==> flow/design.v <==
module plus_mod #(
    parameter WD = 8
) (
    input clk_i,
    input rst_ni,
    input [WD-1:0] first,
    input [WD-1:0] second,
    input [WD-1:0] third,
    output [WD+1:0] result
);
    reg [WD+1:0] result_reg;
    always @(posedge clk_i) begin
        if (!rst_ni) begin
            result_reg <= 0;
        end else begin
            result_reg <= first + second + third;
        end
    end
    assign result = result_reg;
endmodule
# Step by step through the tools: plus_mod
# What the tools print for plus_mod, step after step.
# Line numbers count from 1 in the design file above.
# A cell with - has no value.
# setup
top	plus_mod
clock_port	clk_i
lib	sky130hd
lib_corner	tt_025C_1v80

# Elaborated design
# Counts by Yosys on the flattened word-level netlist (proc, flatten, opt, wreduce; memories kept). Register bits leave out memories and registers merged into their read ports (data or address); mux counts leave out enables and synchronous resets folded into registers. Print and check cells are left out. Cells with the same type and inputs are merged into one.
# classes
add_sub_neg	2
# ops
operator	n
9-bit by 8-bit adder with 10-bit output	1
8-bit by 8-bit adder with 9-bit output	1
# word_totals
out_inout_bits	10
input_bits	26
wordCells	3
ff_bits	10

# Depth
# Longest topological path by Yosys (ltp), each cell counted once; first at word level (registers and memories cut), then after technology mapping (sequential cells cut; the memories' decode and read muxes count).
# logic_depth
word_depth	2
abc_area	0
ltp_mapped	9
depth_no_buf	9

# After synthesis
# Yosys stat after the flow's synthesis: flattened, memories mapped to cells. It holds for the ABC_AREA given above (unset counts as 0); a run with the other value may have another netlist.
# The area totals of this step are shown rounded.
# mapped
cells	82
buf_cells	1
sequential_area_um2	200
mapped_area_um2	797
ffs	10
# by_type
cell_type	n	area_total_um2
sky130_fd_sc_hd__dfxtp_1	10	200.192
sky130_fd_sc_hd__fa_1	9	180.173
sky130_fd_sc_hd__ha_1	7	87.584
sky130_fd_sc_hd__inv_1	12	45.043
sky130_fd_sc_hd__o21ai_0	6	30.029
sky130_fd_sc_hd__nand3b_1	3	22.522
sky130_fd_sc_hd__and2_1	3	18.768
sky130_fd_sc_hd__a21oi_1	3	15.014
sky130_fd_sc_hd__nand2_1	4	15.014
sky130_fd_sc_hd__o211ai_1	2	15.014
sky130_fd_sc_hd__a211oi_2	1	12.512
sky130_fd_sc_hd__nand4_1	2	12.512
sky130_fd_sc_hd__mux2_1	1	11.261
sky130_fd_sc_hd__nor2_1	3	11.261
sky130_fd_sc_hd__mux2i_1	1	10.01
sky130_fd_sc_hd__a311oi_1	1	8.758
sky130_fd_sc_hd__and3b_1	1	8.758
sky130_fd_sc_hd__nor4b_1	1	8.758
# Other cell types: 12; their cells: 12.

# Worst setup path after synthesis
# Source: OpenSTA report_checks on the synthesized netlist (no wires, ideal clock, input and output delay 20% of the period each), path of least setup slack; recovery checks are left aside. Register names are those of the netlist, which keeps one name where synthesis merged equal registers.
# synth_timing
path_type	input to register
startpoint	input first[1]
endpoint	register result_reg[7]
setup_slack_ns	0.438
launch_ns	0.550
path_delay_ns	1.762
in_delay_ns	0.550
path_buffers	0
path_stages	7
required_ns	2.615
setup_time_ns	0.135
arrival_time_ns	2.177
tclk_ns	2.75
synth_period_reached_ns	2.312
# "path_delay_ns" is the arrival time less input delay plus setup time.
# "path_stages" counts driving pins, that of a launching flip-flop among them; a cell with two outputs on the path counts twice.
# "synth_period_reached_ns" = period - worst setup slack (recovery checks aside). The figure is calculated, with input and output delays left at 20% of the set period.
# The rows between start and end are the longest chain of elaborated cells between them; the timing report does not say that the signal goes this way. Where chains are equally long, one stands for them.
# Each line given opens the expression or statement behind the cell; cells for indexed reads and writes are added by Yosys, which also makes memories of some case tables.
# synth_between
path_cell_list	sky130_fd_sc_hd__fa_1 -> sky130_fd_sc_hd__ha_1 -> sky130_fd_sc_hd__fa_1 -> sky130_fd_sc_hd__a21oi_1 -> sky130_fd_sc_hd__o21ai_0 -> sky130_fd_sc_hd__nand4_1 -> sky130_fd_sc_hd__o211ai_1
elab_chain_cells	2
cells_between	2
lines_between	1
classes_between	add/sub: 2
# synth_lines
element	line_no	text
from (decl)	6	input [WD-1:0] first,
8-bit by 8-bit adder with 9-bit output	16	result_reg <= first + second + third;
9-bit by 8-bit adder with 10-bit output	16
to (assign)	14	result_reg <= 0;
to (assign)	16
to (decl)	11	reg [WD+1:0] result_reg;

# Timing after layout
# From the final timing report of run C: the path of least setup slack in the routed layout; clock arrival at registers is part of the times.
# layout_timing
path_type	input to register
startpoint	input first[1]
endpoint	register result_reg[7]
path_stages	8
setup_time_ns	0.13
arrival_time_ns	2.68
path_buffers	1
launch_ns	0.55
required_ns	2.87
tclk_ns	2.75
setup_slack_ns	0.20
in_delay_ns	0.55
# The rows between start and end are the longest chain of elaborated cells between them; the timing report does not say that the signal goes this way. Where chains are equally long, one stands for them.
# layout_between
path_cell_list	sky130_fd_sc_hd__clkdlybuf4s50_1 -> sky130_fd_sc_hd__fa_1 -> sky130_fd_sc_hd__ha_1 -> sky130_fd_sc_hd__fa_1 -> sky130_fd_sc_hd__a21oi_2 -> sky130_fd_sc_hd__o21ai_0 -> sky130_fd_sc_hd__nand4_1 -> sky130_fd_sc_hd__o211ai_1
elab_chain_cells	2
cells_between	2
lines_between	1
classes_between	add/sub: 2
# layout_lines
element	line_no	text
from (decl)	6	input [WD-1:0] first,
8-bit by 8-bit adder with 9-bit output	16	result_reg <= first + second + third;
9-bit by 8-bit adder with 10-bit output	16
to (assign)	14	result_reg <= 0;
to (assign)	16
to (decl)	11	reg [WD+1:0] result_reg;

# plus_mod through Yosys and OpenROAD on sky130hd: 3 stored runs, unordered, with their settings and measured results. The constraints put input and output delay at 20% of the set period each and load the outputs with 0.01 pF.
# "clock_period_reached_ns" means the clock period less the worst setup slack. The figure is calculated, with input and output delays left at 20% of the set period.
# "timing.worst_path_ns" means the part of the period allowed to the worst setup path (the constraints hold back 20% at inputs and 20% at outputs) less its slack; where the path has registers, the arrival times of their clocks count too.
# "design_power_uw" is the tool's figure for a default switching activity; nothing was simulated.
# Measured values are rounded.
# Among the settings, . means not set for that run.
# A result given as . is not shown for that run.
setting or result,run A,run B,run C
period_ns,3.16,2.02,2.75
CORE_UTILIZATION,44,60,40
PLACE_DENSITY,0.52,.,.
CORE_ASPECT_RATIO,1.96,0.77,.
CELL_PAD_IN_SITES_GLOBAL_PLACEMENT,2,3,.
CELL_PAD_IN_SITES_DETAIL_PLACEMENT,2,1,.
ABC_AREA,1,.,.
GPL_TIMING_DRIVEN,1,.,.
CAP_MARGIN,40,20,20
SLEW_MARGIN,10,20,20
MAX_ROUTING_LAYER,met4,met5,.
CORE_MARGIN,2,2,2
SETUP_SLACK_MARGIN,.,0.28,.
PLACE_DENSITY_LB_ADDON,.,0.03,.
CTS_CLUSTER_SIZE,.,54,.
CTS_CLUSTER_DIAMETER,.,268,.
MIN_ROUTING_LAYER,.,met1,.
final_die_area_um2,.,.,2370
synthesis_area_um2,.,.,797
ws_setup_ns,.,.,0.196
tns_ns,.,.,0.000
clock_period_reached_ns,.,.,2.554
fin_util_frac,.,.,0.647
timing.worst_path_ns,.,.,2.00
worst_path_kind,.,.,input to register
finalCellArea_um2,.,.,1240
design_power_uw,.,.,624
# Run A: unfinished; error GPL-0301 in placement
# Run B: unfinished; error FLW-0024 in placement
